==> flow/design.v <==
module my_mplex_top #(
  parameter BITS = 32,
  parameter N_IN = 8,
  parameter SW = $clog2(N_IN)
) (
  input clk_i,
  input clr,
  input adv,
  input [N_IN*BITS-1:0] in_src,
  input [SW-1:0] in_select,
  output reg [BITS-1:0] out_data_out
);
  reg [N_IN*BITS-1:0] r_src;
  always @(posedge clk_i or posedge clr) begin
    if (clr) begin
      r_src <= 0;
    end else if (adv) begin
      r_src <= in_src;
    end
  end
  reg [SW-1:0] r_select;
  always @(posedge clk_i or posedge clr) begin
    if (clr) begin
      r_select <= 0;
    end else if (adv) begin
      r_select <= in_select;
    end
  end
  localparam HALF = N_IN / 2;
  reg [BITS-1:0] r_lo;
  always @(posedge clk_i or posedge clr) begin
    if (clr) begin
      r_lo <= 0;
    end else if (adv) begin
      r_lo <= r_src[r_select[SW-2:0]*BITS +: BITS];
    end
  end
  reg [BITS-1:0] r_hi;
  always @(posedge clk_i or posedge clr) begin
    if (clr) begin
      r_hi <= 0;
    end else if (adv) begin
      r_hi <= r_src[(HALF + r_select[SW-2:0])*BITS +: BITS];
    end
  end
  reg r_select_d;
  always @(posedge clk_i or posedge clr) begin
    if (clr) begin
      r_select_d <= 1'b0;
    end else if (adv) begin
      r_select_d <= r_select[SW-1];
    end
  end
  always @(posedge clk_i or posedge clr) begin
    if (clr) begin
      out_data_out <= 0;
    end else if (adv) begin
      out_data_out <= r_select_d ? r_hi : r_lo;
    end
  end
endmodule
; Reports on my_mplex_top
; The steps from the RTL of my_mplex_top to its reports follow in flow order.
; Lines are those of the file above, counted from 1.
; Library cell names are shortened.
; Not given: n/a
[setup]
top_module = my_mplex_top
clk_port = clk_i
library = sky130hd
pvt_corner = tt_025C_1v80

; After elaboration
; Yosys after proc, flatten, opt, wreduce and memory -nomap, before mapping. Enables and synchronous resets that opt folds into registers are not counted as muxes. Memory bits, and registers merged into a memory's read port (data or address), are not among the register bits. Print and check cells are not counted. Equal cells are merged and count once.
[word_totals]
latchBits = 0
mem_bits_ro = 0
ram_bits = 0
out_inout_bits = 32
register_bits = 356
mem_count = 0
elab_cells = 10
clocked_rd_ports_x_width = 0
[classes]
n_logic = 0
div = 0
multipliers = 0
n_addsub = 1
shifts = 2
eq_ne = 0
cmp = 0
muxes = 1
n_reduce_logical = 0
[op_table]
columns = op, count
row1 = indexed select 256 x 10 -> 32 bit, 1
row2 = indexed select 256 x 8 -> 32 bit, 1
row3 = 2-to-1 mux 32 bit, 1
row4 = adder 3 x 2 -> 4 bit with constant A, 1

; Longest topological paths
; Longest topological path by Yosys (ltp), each cell counted once; first at word level (registers and memories cut), then after technology mapping (sequential cells cut; the memories' decode and read muxes count).
[logic_depth]
ltp_word = 2
abc_area = 0
ltp_mapped = 5

; Mapped cells and area
; Source: synth_stat.txt of the flow (Yosys; design flattened, memories mapped). It holds for the ABC_AREA given above (unset counts as 0); a run with the other value may have another netlist.
; The area totals of this step are shown rounded.
[mapped]
mapped_area_um2 = 15900
cells = 1046
buf_cells = 75
seq_area_um2 = 8910
flip_flops = 356
[types]
columns = type, count, type_area_um2
row1 = dfrtp_1, 356, 8.91E+03
row2 = mux2_4, 150, 2252.16
row3 = mux2i_1, 160, 1.6E+03
row4 = mux2_2, 107, 1.2E+03
row5 = o221ai_1, 64, 560.538
row6 = nand2b_1, 65, 406.64
row7 = buf_6, 20, 225.216
row8 = buf_8, 12, 180.173
row9 = a21oi_1, 32, 160.154
row10 = buf_4, 16, 120.115
row11 = nor2_1, 32, 120.115
row12 = clkbuf_1, 13, 48.797
row13 = buf_2, 9, 45.043
row14 = mux2_1, 3, 33.782
row15 = buf_1, 5, 18.768
row16 = nand2_2, 1, 6.256
row17 = inv_1, 1, 3.754

; Path before layout
; Path of least setup slack by OpenSTA after synthesis, without wires, with an ideal clock, recovery checks aside; 20% of the period is set as input and as output delay. Where synthesis merged equal registers, the netlist keeps one of their names.
[synth_path]
path_kind = reg-to-reg
startpoint = register r_select[0]
endpoint = register r_lo[0]
launch_ps = 0
arrival_time_ps = 1017
path_stages = 6
n_path_buf = 3
required_time_ps = 1308
tclk_ps = 1450
path_slack_ps = 291
path_delay_ps = 1159
synth_period_reached_ps = 1159
; "path_delay_ps" is the arrival time less input delay plus setup time.
; "path_stages" counts driving pins, that of a launching flip-flop among them; a cell with two outputs on the path counts twice.
; "synth_period_reached_ps" = period - worst setup slack (recovery checks aside). The figure is calculated, with input and output delays left at 20% of the set period.
; The rows between start and end are the longest chain of elaborated cells between them; the timing report does not say that the signal goes this way. Where chains are equally long, one stands for them.
; Each line given opens the expression or statement behind the cell; cells for indexed reads and writes are added by Yosys, which also makes memories of some case tables.
[synth_between]
cell_sequence = dfrtp_1 > buf_4 > buf_6 > buf_6 > mux2i_1 > o221ai_1
elab_chain_len = 1
[synth_rtl]
columns = item, line
row1 = "start, declared", 21  ; reg [SW-1:0] r_select;
row2 = "start, assigned", 24  ; r_select <= 0;
row3 = "start, assigned", 26  ; r_select <= in_select;
row4 = indexed select 256 x 8 -> 32 bit, 35  ; r_lo <= r_src[r_select[SW-2:0]*BITS +: BITS];
row5 = "end, assigned", 33  ; r_lo <= 0;
row6 = "end, assigned", 35
row7 = "end, declared", 30  ; reg [BITS-1:0] r_lo;

; Worst path after layout
; From the final timing report of record 2: the path of least setup slack in the routed layout; clock arrival at registers is part of the times.
; The path's times are printed in steps of 10 ps; the period is the one set.
[layout_path]
path_kind = reg-to-output
startpoint = register out_data_out[5]
endpoint = output out_data_out[5]
arrival_time_ps = 1140
required_time_ps = 920
n_path_buf = 1
tclk_ps = 1150
launch_ps = 580
path_stages = 2
path_slack_ps = -220
[layout_between]
cell_sequence = dfrtp_1 > buf_2
elab_chain_len = 0
[layout_rtl]
columns = item, line
row1 = "start, declared", 11  ; output reg [BITS-1:0] out_data_out
row2 = "start, assigned", 56  ; out_data_out <= 0;
row3 = "start, assigned", 58  ; out_data_out <= r_select_d ? r_hi : r_lo;
row4 = "end, declared", 11

; Stored flow runs of my_mplex_top (3 of them; Yosys, OpenROAD, sky130hd). They differ in their settings and are not a sequence. Constraints: input delay and output delay 20% of the set period each, output load 0.01 pF.
; By "achieved_clock_period_ps" is meant the clock period of the run minus its worst setup slack. This is arithmetic on one report: input and output delays are still those of the set period (20% each).
; The results are shown rounded.

[record 1: settings]
period_ns = 2.03
CORE_UTILIZATION = 53
SETUP_SLACK_MARGIN = 0.33
PLACE_DENSITY_LB_ADDON = 0.23
CELL_PAD_IN_SITES_DETAIL_PLACEMENT = 1
TNS_END_PERCENT = 80
ABC_AREA = 1
GPL_ROUTABILITY_DRIVEN = 1
CTS_CLUSTER_DIAMETER = 64
MAX_ROUTING_LAYER = met5
CAP_MARGIN = 20
CORE_MARGIN = 2
SLEW_MARGIN = 20
[record 1: results]
outcome = no results, routing failed with ODB-0269

[record 2: settings]
period_ns = 1.15
CORE_UTILIZATION = 56
SETUP_SLACK_MARGIN = 0.3
PLACE_DENSITY_LB_ADDON = 0.03
CORE_ASPECT_RATIO = 0.51
CTS_CLUSTER_SIZE = 34
CAP_MARGIN = 15
SLEW_MARGIN = 5
CORE_MARGIN = 2
[record 2: results]
util_frac = 0.803
post_synth_area_um2 = 15900
design.die.area_um2 = 29800
finish.stdcell_area_um2 = 22100
achieved_clock_period_ps = 1372
setup_worst_slack_ps = -222

[record 3: settings]
period_ns = 1.45
CAP_MARGIN = 20
CORE_MARGIN = 2
CORE_UTILIZATION = 40
SLEW_MARGIN = 20
[record 3: results]
util_frac = 0.535
post_synth_area_um2 = 15900
design.die.area_um2 = 41400
finish.stdcell_area_um2 = 21100
achieved_clock_period_ps = 1405
setup_worst_slack_ps = 45
